==> flow/design.v <==
module ex_regfile #(
    parameter NREGS = 24,
    parameter WD = 10,
    parameter AW = $clog2(NREGS)
) (
    input  wire sys_clk,
    input  wire we_i,
    input  wire [AW-1:0] wr_addr_i,
    input  wire [WD-1:0] write_data_i,
    input  wire [AW-1:0] rd_idx_i,
    output reg [WD-1:0] rd_data_o
);
    reg we_reg;
    reg [AW-1:0] wr_addr_reg;
    reg [WD-1:0] write_data_reg;
    always @(posedge sys_clk) begin
        we_reg <= we_i;
        wr_addr_reg <= wr_addr_i;
        write_data_reg <= write_data_i;
    end
    reg [WD-1:0] gpr [NREGS-1:0];
    always @(posedge sys_clk) begin
        if (we_reg)
            gpr[wr_addr_reg] <= write_data_reg;
    end
    reg [AW-1:0] rd_idx_reg;
    always @(posedge sys_clk) begin
        rd_idx_reg <= rd_idx_i;
        rd_data_o <= gpr[rd_idx_reg];
    end
endmodule
# == Step by step through the tools: ex_regfile ==
# Tool output for the members of one design family, told apart by "NREGS", in the order of the flow.
# The RTL above is that of NREGS = 24; lines are counted from 1 in the file of the member named.
# Operators carry their Yosys type and port widths (W data, S select, Z words).
# Library cell names are shortened.
# Not given: --
# design
design,ex_regfile
clk_port,sys_clk
cell_library,sky130hd
lib_corner,tt_025C_1v80

# == Members of the sweep ==
# Lines of each other member's file that are new or changed against the file above; lines that a member lacks are not shown.
# changed_lines
NREGS,line,text
96,2,"parameter NREGS = 96,"
128,2,"parameter NREGS = 128,"

# == Elaborated design ==
# Source: Yosys, flattened and elaborated, memories not mapped. Widths are those after wreduce; folded enables and synchronous resets count as part of the registers. Registers that Yosys merges into a memory's read port (data or address) are not register bits. Print and check cells do not count. Equal cells are merged and count once.
# Yosys's memory passes give these memory sizes; they may raise the number of words (mostly to a power of two), join words into wider ones and drop unused or constant bits.
# bits
NREGS,mem_count,regBits,inputBits,ramBits,out_inout_bits,clocked_rd_ports_x_width,elab_cells
24,1,21,22,240,10,10,8
96,1,25,26,960,10,10,8
128,1,25,26,1280,10,10,8
# memory_table
NREGS,mem_shapes
24,gpr 24x10 r1 w1
96,gpr 96x10 r1 w1
128,gpr 128x10 r1 w1
# op_classes
NREGS,n_mux
24,3
96,3
128,3
# op_table
NREGS,op_list
24,1 x $mux W10; 1 x $mux W5; 1 x $mux W1
96,1 x $mux W10; 1 x $mux W7; 1 x $mux W1
128,1 x $mux W10; 1 x $mux W7; 1 x $mux W1

# == Depth ==
# Depth = most cells in a row (Yosys ltp): at word level without a register or memory, in the mapped netlist without a sequential cell, where the memories' decode and read muxes count.
# logic_depth
NREGS,depth_word,ABC_AREA,mapped_depth,depth_no_buf
24,1,0,8,4
96,1,0,9,5
128,1,0,7,4

# == Netlist ==
# Yosys stat after the flow's synthesis: flattened, memories mapped to cells. It holds for the ABC_AREA given above (unset counts as 0); a run with the other value may have another netlist.
# The area totals of this step are shown rounded.
# synth_totals
NREGS,mapped_area_um2,buf_cells,flip_flops,seq_area_um2,cells
24,10000,22,271,7800,502
96,38000,90,995,30000,1752
128,50000,108,1315,39000,2023
# by_type
NREGS,cell_types
24,240 x edfxtp_1; 31 x dfxtp_1; 55 x mux2i_1; 19 x mux4_2; 16 x mux4_1; 15 x a22oi_1; 21 x nand3_1; 28 x nor2_1; 6 x buf_6; 5 x mux2_2; 12 x nand2_1; 5 x a2bb2oi_1; 5 x a32oi_1; 5 x o2111ai_1; 6 x nand2b_1; 4 x nand3b_1; 7 x clkbuf_1; 4 x nor2b_1; (+18)
96,960 x edfxtp_1; 228 x mux4_2; 35 x dfxtp_1; 70 x mux2i_1; 107 x nor2_1; 43 x a22oi_1; 25 x buf_4; 48 x nand2_1; 31 x buf_2; 31 x nand3_1; 17 x nor2b_1; 11 x a221oi_1; 25 x clkbuf_1; 14 x nand2b_1; 17 x o21ai_0; 8 x a22o_1; 13 x a21oi_1; 5 x buf_6; (+64)
128,1280 x edfxtp_1; 420 x mux4_2; 35 x dfxtp_1; 122 x nor2_1; 71 x clkbuf_1; 32 x buf_2; 10 x mux2_2; 12 x nand3_1; 14 x nand2_1; 9 x nor3_1; 7 x nor2b_1; 3 x nand4_1; 4 x buf_1; 2 x nand2b_1; 1 x buf_4; 1 x or3_1
# A list marked (+n) leaves out that many cells.

# == Worst setup path after synthesis ==
# Path of least setup slack by OpenSTA after synthesis, without wires, with an ideal clock, recovery checks aside; 20% of the period is set as input and as output delay. Where synthesis merged equal registers, the netlist keeps one of their names.
# synth_path
NREGS,kind,from,to,delay_ps,clock_period_ps,path_slack_ps,path_stages,synth_period_reached_ps
24,register -> register,register we_reg,memory gpr[0][0],1775,2220,444,4,1776
96,register -> register,register wr_addr_reg[4],memory gpr[50][0],2001,2500,499,4,2001
128,register -> register,register rd_idx_reg[0],register rd_data_o[0],2788,3480,693,7,2787
# "delay_ps" = arrival - input delay + setup time.
# "path_stages" counts driving pins, that of a launching flip-flop among them; a cell with two outputs on the path counts twice.
# "synth_period_reached_ps" is the clock period less the worst setup slack; recovery checks do not enter. This is arithmetic on one report: input and output delays are still those of the set period (20% each).
# Between the ends stands the longest chain of elaborated cells between them, by number of cells; it is not shown to be the way that was timed. Of several equally long chains one is given.
# Each line given opens the expression or statement behind the cell; cells for indexed reads and writes are added by Yosys, which also makes memories of some case tables.
# NREGS = 24: Only ways into the end's enable, where the timed path ends, are counted here.
# synth_via_NREGS_24
elab_chain_cells,1
# synth_lines_NREGS_24
item,line,text
from (decl),13,reg we_reg;
from (assign),17,we_reg <= we_i;
$mux W5,23,if (we_reg)
to (decl),21,reg [WD-1:0] gpr [NREGS-1:0];
# synth_lines_NREGS_128
item,line,text
from (decl),26,reg [AW-1:0] rd_idx_reg;
from (assign),28,rd_idx_reg <= rd_idx_i;
to (decl),11,output reg [WD-1:0] rd_data_o
# NREGS = 128: Chain of elaborated cells between the ends: none given.

# == Path in the finished layout ==
# Path of least setup slack in the final report of each member's run (OpenROAD, finished layout, wires in). Where an end is a register, its clock arrival counts in the times.
# The report prints the path's times to 10 ps; the period is as set.
# layout_path
NREGS,kind,from,to,arrival_time_ps,path_buffers,path_stages,path_slack_ps,clock_period_ps
24,register -> register,register rd_idx_reg[0],register rd_data_o[1],2430,1,6,180,2220
96,register -> register,register rd_idx_reg[0],register rd_data_o[6],2990,2,8,40,2500
128,register -> register,register rd_idx_reg[0],register rd_data_o[3],3760,1,6,340,3480

# == Layout results ==
# Settings and results of one run of the flow (Yosys, OpenROAD) for each member follow. The constraints put input and output delay at 20% of the set period each and load the outputs with 0.01 pF.
# settings
CAP_MARGIN,20
CORE_MARGIN,2
CORE_UTILIZATION,40
SLEW_MARGIN,20
# settings_by_member
NREGS,period_ns
24,2.22
96,2.5
128,3.48
# measured
NREGS,period_less_ws_ps,finish.utilization_pct,totalPower_uw,stdcell_area_um2,design.die.area_um2,ys_area_um2,fin_hold_ws_ps,fin_ws_ps,final_setup_tns_ps
24,2043,48,11000,12000,27000,10000,370,180,0
96,2456,48,35000,45000,97000,38000,270,44,0
128,3135,47,34000,58000,130000,50000,380,340,0
# "period_less_ws_ps" is the run's clock period less its worst setup slack. It is reckoned from that one timing run; input and output delays stay at 20% of the period that was set.
# "totalPower_uw": no workload was simulated; the value follows from the tool's default switching activity.
# The measured numbers are rounded.
